==> flow/design.v <==
module mux_mod #(
    parameter W = 12,
    parameter LANES = 12
) (
    input  i_clk,
    input  rstn,
    input  [LANES*W-1:0] i_ch,
    input  [LANES-1:0] i_s,
    output [W-1:0] o_res
);
    reg [LANES*W-1:0] ch_s;
    always @(posedge i_clk) begin
        if (~rstn) begin
            ch_s <= 0;
        end else begin
            ch_s <= i_ch;
        end
    end
    reg [LANES-1:0] s_s;
    always @(posedge i_clk) begin
        if (~rstn) begin
            s_s <= 0;
        end else begin
            s_s <= i_s;
        end
    end
    reg [W-1:0] tmp;
    integer t;
    always @(*) begin
        tmp = 0;
        for (t = LANES-1; t >= 0; t = t - 1)
            if (s_s[t]) tmp = ch_s[t*W +: W];
    end
    assign o_res = tmp;
endmodule
# --- Tool chain data of mux_mod ---
# What the tools print for mux_mod, step after step.
# Lines are those of the file above, counted from 1.
# Library cell names are shortened.
inputs:
  top: "mux_mod"
  clock_port: "i_clk"
  library: "sky130hd"
  corner: "tt_025C_1v80"

# --- After elaboration ---
# Source: Yosys, flattened and elaborated, memories not mapped. Widths are those after wreduce; folded enables and synchronous resets count as part of the registers. Registers that Yosys merges into a memory's read port (data or address) are not register bits. Print and check cells do not count. Equal cells are merged and count once.
classes:
  n_cmp: 0
  shifts: 0
  n_mux: 12
  addsub: 0
  bitwise: 0
  eq_ne: 0
  div: 0
  reduce_logical: 0
  mul: 0
ops:
  columns: ["cell", "n"]
  rows:
  - ["12-bit two-way mux", 12]
bits:
  elab_cells: 14
  out_inout_bits: 12
  ff_bits: 156
  rom_bits: 0
  clocked_rd_ports_x_width: 0
  ram_bits: 0
  latchBits: 0
  n_memories: 0
  inputBits: 158

# --- Logic depth ---
# Yosys ltp: most cells in a row. Word level: on the elaborated netlist, between registers, memories and ports. Mapped: between sequential cells and ports; inverters and the memories' decode and read muxes count.
depth:
  ltp_word: 12
  ABC_AREA: 0
  mapped_depth: 6
  mapped_depth_nobuf: 4

# --- Netlist ---
# Source: synth_stat.txt of the flow (Yosys; design flattened, memories mapped). It holds for the ABC_AREA given above (unset counts as 0); a run with the other value may have another netlist.
# Totals and module areas in this step are rounded.
synth_totals:
  ffs: 156
  yosys_area_um2: 5836
  seqArea_um2: 3123
  buf_cells: 45
  stdcells: 602
types:
  columns: ["type", "n", "type_area_um2"]
  rows:
  - ["dfxtp_1", 156, 3.12E+03]
  - ["and2_1", 156, 975.936]
  - ["nor3b_1", 35, 262.752]
  - ["nor2b_1", 36, 225.216]
  - ["o31ai_1", 23, 172.666]
  - ["nand2_1", 37, 138.883]
  - ["a21oi_1", 24, 120.115]
  - ["o2bb2ai_1", 11, 96.342]
  - ["a211oi_1", 12, 90.086]
  - ["clkbuf_1", 23, 86.333]
  - ["a22oi_1", 11, 82.579]
  - ["o21ai_1", 16, 80.077]
  - ["buf_6", 7, 78.826]
  - ["nand3_1", 12, 60.058]
  - ["nor3_1", 12, 60.058]
  - ["buf_2", 11, 55.053]
  - ["o21ai_0", 8, 40.038]
  - ["nor3b_4", 1, 18.768]
# Other cell types: 8; their cells: 11.

# --- Path before layout ---
# OpenSTA on the mapped netlist: ideal clock, no wires. The path of least setup slack (recovery checks aside). Input and output delay are each 20% of the period. Register names are those of the netlist, which keeps one name where synthesis merged equal registers.
synth_timing:
  kind: "flip-flop to output port"
  start: "register s_s[6]"
  end: "output port o_res[2]"
  n_path_buf: 2
  delay_ps: 1147
  period_ps: 1790
  required_time_ps: 1432
  out_delay_ps: 358
  arrival_ps: 1147
  setup_slack_ps: 285
  driving_pins: 7
  launch_ps: 0
  period_less_setup_slack_ps: 1505
# "delay_ps" is the arrival time less input delay plus setup time.
# A path that ends at an output port has no setup time.
# "driving_pins": output pins that drive a net of the path, with the launching flip-flop's if there is one; two outputs of one cell count as two.
# "period_less_setup_slack_ps" is the clock period less the worst setup slack; recovery checks do not enter. This is arithmetic on one report: input and output delays are still those of the set period (20% each).
# Between the ends stands the longest chain of elaborated cells between them, by number of cells; it is not shown to be the way that was timed. Of several equally long chains one is given.
# A line is the first line of the expression or statement that the cell stems from. Yosys adds cells for indexed reads and writes and turns some case tables into memories.
synth_between:
  path_cell_list: "dfxtp_1 buf_6 nor3b_4 buf_6 o2bb2ai_1 o21ai_1 a21oi_1"
  elab_chain_len: 7
  cells_between: 7
  lines_between: 1
  classes_between: "mux: 7"
synth_rtl:
  columns: ["item", "line_no", "text"]
  rows:
  - ["from (decl)", 19, "reg [LANES-1:0] s_s;"]
  - ["from (assign)", 22, "s_s <= 0;"]
  - ["from (assign)", 24, "s_s <= i_s;"]
  - ["12-bit two-way mux (7 in a row)", 32, "if (s_s[t]) tmp = ch_s[t*W +: W];"]
  - ["to (decl)", 9, "output [W-1:0] o_res"]

# --- Worst path after layout ---
# Path of least setup slack in the final report of record 1 (OpenROAD, finished layout, wires in). Where an end is a register, its clock arrival counts in the times.
# The path's times are printed in steps of 10 ps; the period is the one set.
layout_timing:
  kind: "flip-flop to output port"
  start: "register s_s[8]"
  end: "output port o_res[6]"
  launch_ps: 420
  out_delay_ps: 520
  arrival_ps: 2040
  n_path_buf: 4
  period_ps: 2600
  required_time_ps: 2080
  driving_pins: 9
  setup_slack_ps: 40
# Between the ends stands the longest chain of elaborated cells between them, by number of cells; it is not shown to be the way that was timed. Of several equally long chains one is given.
layout_between:
  path_cell_list: "dfxtp_4 buf_12 buf_16 buf_4 a22oi_2 o2bb2ai_2 o21ai_2 a21oi_2 buf_2"
  elab_chain_len: 9
  cells_between: 9
  lines_between: 1
  classes_between: "mux: 9"
layout_rtl:
  columns: ["item", "line_no", "text"]
  rows:
  - ["from (decl)", 19, "reg [LANES-1:0] s_s;"]
  - ["from (assign)", 22, "s_s <= 0;"]
  - ["from (assign)", 24, "s_s <= i_s;"]
  - ["12-bit two-way mux (9 in a row)", 32, "if (s_s[t]) tmp = ch_s[t*W +: W];"]
  - ["to (decl)", 9, "output [W-1:0] o_res"]

# Record of 3 stored runs of the RTL-to-layout flow on mux_mod, platform sky130hd. The runs are unordered. Constraints: input delay and output delay 20% of the set period each, output load 0.01 pF.
# "achieved_period_ps" = clock period - worst setup slack. The figure is calculated, with input and output delays left at 20% of the set period.
# "timing.worst_path_ps": the worst setup path's part of the clock period (all of it between registers, 20% less for each end at a port) less its slack. A launch clock that arrives late makes it longer, a capture clock that arrives late makes it shorter.
# "total_power_uw" is the tool's figure for a default switching activity; nothing was simulated.
# "timing.worst_path_ps" is given in steps of 10 ps.
# Measured values are rounded.
runs:
  - name: "record 1"
    settings:
      period_ns: 2.6
      CORE_UTILIZATION: 22
      SETUP_SLACK_MARGIN: 0.66
      PLACE_DENSITY: 0.39
      HOLD_SLACK_MARGIN: 0.21
      CELL_PAD_IN_SITES_GLOBAL_PLACEMENT: 0
      CELL_PAD_IN_SITES_DETAIL_PLACEMENT: 0
      MIN_ROUTING_LAYER: "met2"
      CAP_MARGIN: 20
      CORE_MARGIN: 2
      SLEW_MARGIN: 20
    results:
      synthesis_area_um2: 5836
      achieved_period_ps: 2558
      utilization_frac: 0.352
      design_die_area_um2: 27840
      total_power_uw: 6172
      final_hold_ws_ps: 623
      setup_ws_ps: 42
      final_setup_tns_ps: 0
      timing.worst_path_ps: 2040
      critical_path_kind: "flip-flop to output port"
      layout_stdcell_area_um2: 9160
  - name: "record 2"
    settings:
      period_ns: 1.79
      CAP_MARGIN: 20
      CORE_MARGIN: 2
      CORE_UTILIZATION: 40
      SLEW_MARGIN: 20
    results:
      final_hold_ws_ps: 434
      utilization_frac: 0.626
      synthesis_area_um2: 5836
      total_power_uw: 8614
      setup_ws_ps: -425
      layout_stdcell_area_um2: 8994
      achieved_period_ps: 2215
      design_die_area_um2: 15570
      timing.worst_path_ps: 1860
      critical_path_kind: "flip-flop to output port"
      final_setup_tns_ps: -4204
  - name: "record 3"
    settings:
      period_ns: 1.9
      CORE_UTILIZATION: 46
      SETUP_SLACK_MARGIN: -0.07
      PLACE_DENSITY: 0.39
      CORE_ASPECT_RATIO: 1.55
      CELL_PAD_IN_SITES_GLOBAL_PLACEMENT: 0
      CELL_PAD_IN_SITES_DETAIL_PLACEMENT: 2
      CAP_MARGIN: 5
      MAX_ROUTING_LAYER: "met4"
      CORE_MARGIN: 2
      SLEW_MARGIN: 20
    outcome: "unfinished; error DPL-0033 in placement"
